==> flow/design.v <==
module sync_switch_stage #(
  parameter integer DWIDTH = 2,
  parameter integer NUM = 6
) (
  input wire sys_clk,
  input wire RSTN,
  input wire [NUM*DWIDTH-1:0] val,
  input wire [NUM-1:0] addr,
  output reg [DWIDTH-1:0] z_o
);
  reg [NUM*DWIDTH-1:0] val_d1;
  reg [NUM-1:0] addr_d1;
  always @(posedge sys_clk) begin
    if (~RSTN) begin
      val_d1 <= 0;
      addr_d1 <= 0;
    end else begin
      val_d1 <= val;
      addr_d1 <= addr;
    end
  end
  reg [DWIDTH-1:0] tmp;
  integer i;
  always @(*) begin
    tmp = 0;
    for (i = NUM-1; i >= 0; i = i - 1)
      if (addr_d1[i]) tmp = val_d1[i*DWIDTH +: DWIDTH];
  end
  always @(posedge sys_clk) begin
    if (~RSTN) begin
      z_o <= 0;
    end else begin
      z_o <= tmp;
    end
  end
endmodule
# Reports on sync_switch_stage
# What the tools print for sync_switch_stage, step after step.
# Line numbers count from 1 in the design file above.
# Cell names lack the library's common part.
inputs:
  design: "sync_switch_stage"
  clock: "sys_clk"
  library: "sky130hd"
  pvt_corner: "tt_025C_1v80"

# Elaborated design
# Yosys after proc, flatten, opt, wreduce and memory -nomap, before mapping. Enables and synchronous resets that opt folds into registers are not counted as muxes. Memory bits, and registers merged into a memory's read port (data or address), are not among the register bits. Print and check cells are not counted. Equal cells are merged and count once.
word_totals:
  ff_bits: 20
  input_bits: 20
  out_inout_bits: 2
  word_cells: 9
classes:
  n_mux: 6
op_table:
  columns: ["op", "count"]
  rows:
  - ["2-bit 2-to-1 mux", 6]

# Depth
# Yosys ltp: most cells in a row. Word level: on the elaborated netlist, between registers, memories and ports. Mapped: between sequential cells and ports; inverters and the memories' decode and read muxes count.
depth:
  depth_word: 6
  ABC_AREA: 0
  mapped_depth: 3

# Mapped cells and area
# The flow's flattened synthesis, as Yosys stat reports it; memories are mapped. The netlist is that of the ABC_AREA named above (0 if unset); the other value can give another one.
synth_totals:
  stdcells: 58
  yosys_area_mm2: 0.0006356
  seqArea_mm2: 0.0004004
  ff_cells: 20
types:
  columns: ["cell_type", "count", "area_total_um2"]
  rows:
  - ["dfxtp_1", 20, 400.384]
  - ["and2_1", 18, 112.608]
  - ["a2111oi_1", 2, 20.019]
  - ["o311a_1", 2, 20.019]
  - ["nand2_1", 4, 15.014]
  - ["nand3b_1", 2, 15.014]
  - ["nand2b_1", 2, 12.512]
  - ["nor2b_1", 2, 12.512]
  - ["a21oi_1", 2, 10.01]
  - ["o21ai_0", 2, 10.01]
  - ["clkbuf_1", 2, 7.507]

# Timing after synthesis
# Source: OpenSTA report_checks on the synthesized netlist (no wires, ideal clock, input and output delay 20% of the period each), path of least setup slack; recovery checks are left aside. Register names are those of the netlist, which keeps one name where synthesis merged equal registers.
synth_timing:
  path_kind: "register to register"
  start: "register addr_d1[4]"
  end: "register z_o[0]"
  clock_period_ns: 1.26
  setup_time_ns: 0.060
  t_first_pin_ns: 0.000
  arrival_time_ns: 0.950
  required_time_ns: 1.200
  setup_slack_ns: 0.250
  delay_ns: 1.010
  path_stages: 4
  path_buffers: 0
  period_less_setup_slack_ns: 1.01
# "delay_ns" is the arrival time less input delay plus setup time.
# "path_stages" counts driving pins, that of a launching flip-flop among them; a cell with two outputs on the path counts twice.
# "period_less_setup_slack_ns" is the clock period less the worst setup slack; recovery checks do not enter. This is arithmetic on one report: input and output delays are still those of the set period (20% each).
# Between the ends stands the longest chain of elaborated cells between them, by number of cells; it is not shown to be the way that was timed. Of several equally long chains one is given.
# A line is the first line of the expression or statement that the cell stems from. Yosys adds cells for indexed reads and writes and turns some case tables into memories.
synth_via:
  cell_sequence: "dfxtp_1 nand3b_1 a2111oi_1 o311a_1"
  elab_chain_cells: 5
  cone_cells: 5
  lines_between: 1
  classes_between: "mux (5)"
synth_rtl:
  columns: ["element", "line", "rtl"]
  rows:
  - ["from (decl)", 12, "reg [NUM-1:0] addr_d1;"]
  - ["from (assign)", 16, "addr_d1 <= 0;"]
  - ["from (assign)", 19, "addr_d1 <= addr;"]
  - ["2-bit 2-to-1 mux (5 in a row)", 27, "if (addr_d1[i]) tmp = val_d1[i*DWIDTH +: DWIDTH];"]
  - ["to (assign)", 31, "z_o <= 0;"]
  - ["to (assign)", 33, "z_o <= tmp;"]
  - ["to (decl)", 9, "output reg [DWIDTH-1:0] z_o"]

# Timing after layout
# Path of least setup slack in the final report of job 1 (OpenROAD, finished layout, wires in). Where an end is a register, its clock arrival counts in the times.
layout_timing:
  path_kind: "register to register"
  start: "register addr_d1[3]"
  end: "register z_o[0]"
  clock_period_ns: 1.26
  setup_time_ns: 0.05
  t_first_pin_ns: 0.28
  arrival_time_ns: 1.38
  required_time_ns: 1.50
  setup_slack_ns: 0.12
  path_stages: 4
  path_buffers: 0
# Between the ends stands the longest chain of elaborated cells between them, by number of cells; it is not shown to be the way that was timed. Of several equally long chains one is given.
layout_via:
  cell_sequence: "dfxtp_1 nor2b_1 a2111oi_1 o311a_1"
  elab_chain_cells: 4
  cone_cells: 4
  lines_between: 1
  classes_between: "mux (4)"
layout_rtl:
  columns: ["element", "line", "rtl"]
  rows:
  - ["from (decl)", 12, "reg [NUM-1:0] addr_d1;"]
  - ["from (assign)", 16, "addr_d1 <= 0;"]
  - ["from (assign)", 19, "addr_d1 <= addr;"]
  - ["2-bit 2-to-1 mux (4 in a row)", 27, "if (addr_d1[i]) tmp = val_d1[i*DWIDTH +: DWIDTH];"]
  - ["to (assign)", 31, "z_o <= 0;"]
  - ["to (assign)", 33, "z_o <= tmp;"]
  - ["to (decl)", 9, "output reg [DWIDTH-1:0] z_o"]

Module sync_switch_stage, platform sky130hd: 3 stored runs of the flow (Yosys, OpenROAD) with differing settings, in no particular order. Input and output delays are each 20% of the period that was set; the output load is 0.01 pF.
"timing.achieved_period_ns" means the clock period less the worst setup slack. The figure is calculated, with input and output delays left at 20% of the set period.
"worst_path_ns" is the time allowed to the run's worst setup path (the clock period less input and output delay, where it has them) less its slack. Clock arrival times count: a late capture clock shortens it, a late launch clock lengthens it.
"fin_power_mw": no workload was simulated; the value follows from the tool's default switching activity.

--- job 1 ---
==> flow/run.sh <==
#!/bin/bash
# the make line also repeats the synthesis and layout settings of config.mk as NAME=value (left out here)
make -C /OpenROAD-flow-scripts/flow DESIGN_CONFIG=/design/flow/config.mk WORK_HOME=/design/flow/orfs CLKGATE_MAP_FILE= finish
==> flow/config.mk <==
export PLATFORM = sky130hd
export DESIGN_NAME = sync_switch_stage
export DESIGN_NICKNAME = sync_switch_stage
export VERILOG_FILES = /design/flow/design.v
export SDC_FILE = /design/flow/constraint.sdc
export NUM_CORES = 4
export LEC_CHECK = 0
export CAP_MARGIN = 20
export CORE_MARGIN = 2
export CORE_UTILIZATION = 40
export SLEW_MARGIN = 20
==> flow/constraint.sdc <==
create_clock -name core_clock -period 1.26 [get_ports {sys_clk}]
set_input_delay 0.2520 -clock core_clock [delete_from_list [all_inputs] [get_ports {sys_clk}]]
set_output_delay 0.2520 -clock core_clock [all_outputs]
set_load 0.01 [all_outputs]

==> results, as YAML <==
results:
  die_area_mm2: 0.0019237
  holdWs_ns: 0.518
  post_route_stdcell_area_mm2: 0.0008996
  worst_path_ns: 1.14
  critical_path_kind: "register to register"
  fin_power_mw: 1.150
  synthArea_mm2: 0.0006356
  timing.achieved_period_ns: 1.143
  final_setup_ws_ns: 0.117

--- job 2 ---
==> flow/run.sh <==
#!/bin/bash
# the make line also repeats the synthesis and layout settings of config.mk as NAME=value (left out here)
make -C /OpenROAD-flow-scripts/flow DESIGN_CONFIG=/design/flow/config.mk WORK_HOME=/design/flow/orfs CLKGATE_MAP_FILE= finish
==> flow/config.mk <==
export PLATFORM = sky130hd
export DESIGN_NAME = sync_switch_stage
export DESIGN_NICKNAME = sync_switch_stage
export VERILOG_FILES = /design/flow/design.v
export SDC_FILE = /design/flow/constraint.sdc
export NUM_CORES = 4
export LEC_CHECK = 0
export ABC_AREA = 1
export CAP_MARGIN = 20
export CORE_ASPECT_RATIO = 1.67
export CORE_MARGIN = 9
export CORE_UTILIZATION = 55
export GPL_TIMING_DRIVEN = 1
export PLACE_DENSITY_LB_ADDON = 0.03
export SLEW_MARGIN = 20
export TNS_END_PERCENT = 80
==> flow/constraint.sdc <==
create_clock -name core_clock -period 0.798 [get_ports {sys_clk}]
set_input_delay 0.1596 -clock core_clock [delete_from_list [all_inputs] [get_ports {sys_clk}]]
set_output_delay 0.1596 -clock core_clock [all_outputs]
set_load 0.01 [all_outputs]

==> results, as YAML <==
outcome: "not finished: floorplanning ended with error PDN-0185"

--- job 3 ---
==> flow/run.sh <==
#!/bin/bash
# the make line also repeats the synthesis and layout settings of config.mk as NAME=value (left out here)
make -C /OpenROAD-flow-scripts/flow DESIGN_CONFIG=/design/flow/config.mk WORK_HOME=/design/flow/orfs CLKGATE_MAP_FILE= finish
==> flow/config.mk <==
export PLATFORM = sky130hd
export DESIGN_NAME = sync_switch_stage
export DESIGN_NICKNAME = sync_switch_stage
export VERILOG_FILES = /design/flow/design.v
export SDC_FILE = /design/flow/constraint.sdc
export NUM_CORES = 4
export LEC_CHECK = 0
export CAP_MARGIN = 20
export CORE_MARGIN = 2
export CORE_UTILIZATION = 64
export CTS_CLUSTER_DIAMETER = 298
export PLACE_DENSITY = 0.8
export SLEW_MARGIN = 20
export TNS_END_PERCENT = 5
==> flow/constraint.sdc <==
create_clock -name core_clock -period 1.43 [get_ports {sys_clk}]
set_input_delay 0.2860 -clock core_clock [delete_from_list [all_inputs] [get_ports {sys_clk}]]
set_output_delay 0.2860 -clock core_clock [all_outputs]
set_load 0.01 [all_outputs]

==> results, as YAML <==
outcome: "not finished: clock tree synthesis ended with error DPL-0033"
